==> flow/design.v <==
module mplex #(
  parameter int DWIDTH = 10,
  parameter int NUM = 2,
  parameter int SW = $clog2(NUM)
) (
  input logic CLK,
  input logic [NUM*DWIDTH-1:0] i_val,
  input logic [SW-1:0] i_pick,
  output logic [DWIDTH-1:0] o_y
);
  logic [NUM*DWIDTH-1:0] r_val;
  always_ff @(posedge CLK) begin
    r_val <= i_val;
  end
  logic [SW-1:0] r_pick;
  always_ff @(posedge CLK) begin
    r_pick <= i_pick;
  end
  wire [DWIDTH-1:0] n_ [1:2*NUM-1];
  generate
    for (genvar ii = 0; ii < NUM; ii++) begin : each
      assign n_[NUM+ii] = r_val[ii*DWIDTH +: DWIDTH];
    end
    for (genvar ii = 1; ii < NUM; ii++) begin : blk
      assign n_[ii] = r_pick[SW - $clog2(ii+1)] ? n_[2*ii+1] : n_[2*ii];
    end
  endgenerate
  logic [DWIDTH-1:0] r_y;
  always_ff @(posedge CLK) begin
    r_y <= n_[1];
  end
  assign o_y = r_y;
endmodule
Hand-over note for mplex

* Reports on mplex
A sweep over "NUM": the same steps for each member of the family.
The RTL above is that of NUM 2; lines are counted from 1 in the file of the member named.
Operators: Yosys type, input widths -> output width; for muxes data width and select width s.
Library cell names are shortened.
Not given: --
- Design top :: mplex
- Clock :: CLK
- Library :: sky130hd
- Library corner :: tt_025C_1v80

* Members of the sweep
Lines of each other member's file that are new or changed against the file above; lines that a member lacks are not shown.
** Lines new or changed
- NUM 8 :: RTL line 3 : parameter int NUM = 8,
- NUM 64 :: RTL line 3 : parameter int NUM = 64,

* Word level
Counts by Yosys on the flattened word-level netlist (proc, flatten, opt, wreduce). Print and check cells are left out. Cells with the same type and inputs are merged into one.
** Cells by class (mux-type cells)
- NUM 2 :: 1
- NUM 8 :: 7
- NUM 64 :: 63
** Operators with widths (kind and count)
- NUM 2 :: $mux 10 (1)
- NUM 8 :: $mux 10 (7)
- NUM 64 :: $mux 10 (63)
** Bit counts
- NUM 2 :: flip-flop bits (word level) 31, bits of input ports 22, output and inout bits 10, elaborated cells 4
- NUM 8 :: flip-flop bits (word level) 93, bits of input ports 84, output and inout bits 10, elaborated cells 10
- NUM 64 :: flip-flop bits (word level) 656, bits of input ports 647, output and inout bits 10, elaborated cells 66

* Depth
Yosys ltp: most cells in a row. Word level: on the elaborated netlist, between registers, memories and ports. Mapped: between sequential cells and ports; inverters and the memories' decode and read muxes count.
** Depth
- NUM 2 :: depth in word-level cells 1, ABC_AREA 0, gate-level depth with buffers 2, depth with buffers taken out 1
- NUM 8 :: depth in word-level cells 3, ABC_AREA 0, gate-level depth with buffers 3, depth with buffers taken out 2
- NUM 64 :: depth in word-level cells 6, ABC_AREA 0, gate-level depth with buffers 10, depth with buffers taken out 5

* After synthesis
Yosys stat after the flow's synthesis: flattened, memories mapped to cells. It holds for the ABC_AREA given above (unset counts as 0); a run with the other value may have another netlist.
** Synthesis totals
- NUM 2 :: cells in the netlist 42, mapped area 0.000782 mm^2, sequential part of the area 0.0006206 mm^2, mapped flip-flops 31, buffer cells 1
- NUM 8 :: cells in the netlist 128, mapped area 0.0025337 mm^2, sequential part of the area 0.0018618 mm^2, mapped flip-flops 93, buffer cells 5
- NUM 64 :: cells in the netlist 1078, mapped area 0.0184214 mm^2, sequential part of the area 0.0131326 mm^2, mapped flip-flops 656, buffer cells 61
** Cells by type (type and count)
- NUM 2 :: dfxtp_1 (31); mux2_4 (10); buf_6 (1)
- NUM 8 :: dfxtp_1 (93); mux4_1 (20); mux2_2 (10); buf_6 (2); clkbuf_1 (2); buf_1 (1)
- NUM 64 :: dfxtp_1 (656); mux4_2 (141); mux2i_1 (24); mux4_1 (9); o221ai_1 (14); o22ai_1 (19); buf_2 (19); mux2_2 (8); nor2b_1 (14); buf_12 (4); a22oi_1 (9); buf_6 (6); clkbuf_1 (18); nand2_1 (18); nor3_1 (13); a221oi_1 (7); a32o_1 (6); buf_4 (8); [+85]
A list marked [+n] leaves out that many cells.

* Timing after synthesis
Path of least setup slack by OpenSTA after synthesis, without wires, with an ideal clock, recovery checks aside; 20% of the period is set as input and as output delay. Where synthesis merged equal registers, the netlist keeps one of their names.
** Path post-synthesis
- NUM 2 :: path type register to register, from register r_pick, to register r_y[0], clock period 1090 ps, slack 214 ps, driving pins on the path 3, path delay 875 ps, synthesis period reached 876 ps
- NUM 8 :: path type register to register, from register r_pick[0], to register r_y[0], clock period 1750 ps, slack 353 ps, driving pins on the path 4, path delay 1397 ps, synthesis period reached 1397 ps
- NUM 64 :: path type register to register, from register r_pick[0], to register r_y[0], clock period 2420 ps, slack 480 ps, driving pins on the path 8, path delay 1940 ps, synthesis period reached 1940 ps
"path delay" = arrival - input delay + setup time.
"driving pins on the path" counts driving pins, that of a launching flip-flop among them; a cell with two outputs on the path counts twice.
"synthesis period reached" is the clock period less the worst setup slack; recovery checks do not enter. This is arithmetic on one report: input and output delays are still those of the set period (20% each).
The rows between start and end are the longest chain of elaborated cells between them; the timing report does not say that the signal goes this way. Where chains are equally long, one stands for them.
Each line given opens the expression or statement behind the cell; cells for indexed reads and writes are added by Yosys, which also makes memories of some case tables.
Between the ends, post-synthesis, NUM 2:
- Length of the longest elaborated chain :: 1
** Ends and longest elaborated chain, post-synthesis, NUM 2
- from (decl) :: RTL line 15 : logic [SW-1:0] r_pick;
- from (assign) :: RTL line 17 : r_pick <= i_pick;
- $mux 10 :: RTL line 25 : assign n_[ii] = r_pick[SW - $clog2(ii+1)] ? n_[2*ii+1] : n_[2*ii];
- to (assign) :: RTL line 30 : r_y <= n_[1];
- to (decl) :: RTL line 28 : logic [DWIDTH-1:0] r_y;
Between the ends, post-synthesis, NUM 64:
- Length of the longest elaborated chain :: 6
** Ends and longest elaborated chain, post-synthesis, NUM 64
- from (decl) :: RTL line 15 : logic [SW-1:0] r_pick;
- from (assign) :: RTL line 17 : r_pick <= i_pick;
- $mux 10 (6 in a row) :: RTL line 25 : assign n_[ii] = r_pick[SW - $clog2(ii+1)] ? n_[2*ii+1] : n_[2*ii];
- to (assign) :: RTL line 30 : r_y <= n_[1];
- to (decl) :: RTL line 28 : logic [DWIDTH-1:0] r_y;

* Worst path after layout
Path of least setup slack in the final report of the run of each member (OpenROAD, finished layout, wires in). Where an end is a register, its clock arrival counts in the times.
The path's times are printed in steps of 10 ps; the period is the one set.
** Path after layout
- NUM 2 :: path type register to output, from register r_y[0], to output o_y[0], clock period 1090 ps, slack 120 ps, driving pins on the path 2, arrival time 750 ps, buffers on the path 1
- NUM 8 :: path type register to register, from register r_pick[0], to register r_y[5], clock period 1750 ps, slack 140 ps, driving pins on the path 4, arrival time 1840 ps, buffers on the path 1
- NUM 64 :: path type register to register, from register r_pick[0], to register r_y[3], clock period 2420 ps, slack 140 ps, driving pins on the path 9, arrival time 2750 ps, buffers on the path 4

* Measured runs
One run of the flow (Yosys, OpenROAD) for each member, with settings and measured results. Input and output delays are each 20% of the period that was set; the output load is 0.01 pF.
- CAP_MARGIN :: 20
- CORE_MARGIN :: 2
- CORE_UTILIZATION :: 40
- SLEW_MARGIN :: 20
** Settings that differ (period_ns)
- NUM 2 :: 1.09
- NUM 8 :: 1.75
- NUM 64 :: 2.42
** Measured results
- NUM 2 :: post-synthesis cell area 0.000782 mm^2, total die area 0.0023247 mm^2, standard-cell area after routing 0.0011298 mm^2, utilization in the final report 63.4%, setup slack of the critical path 120 ps, summed negative setup slack 0 ps, post-route worst hold slack 336 ps, total power of the final layout 1.987 mW, clock period reached 970 ps
- NUM 8 :: post-synthesis cell area 0.0025337 mm^2, total die area 0.0069864 mm^2, standard-cell area after routing 0.0037498 mm^2, utilization in the final report 62.2%, setup slack of the critical path 142 ps, summed negative setup slack 0 ps, post-route worst hold slack 436 ps, total power of the final layout 4.028 mW, clock period reached 1608 ps
- NUM 64 :: post-synthesis cell area 0.0184214 mm^2, total die area 0.047786 mm^2, standard-cell area after routing 0.0283434 mm^2, utilization in the final report 62.5%, setup slack of the critical path 143 ps, summed negative setup slack 0 ps, post-route worst hold slack 334 ps, total power of the final layout 24.472 mW, clock period reached 2277 ps
"clock period reached" is the run's clock period less its worst setup slack. It is reckoned from that one timing run; input and output delays stay at 20% of the period that was set.
"total power of the final layout": no workload was simulated; the value follows from the tool's default switching activity.

End of note.
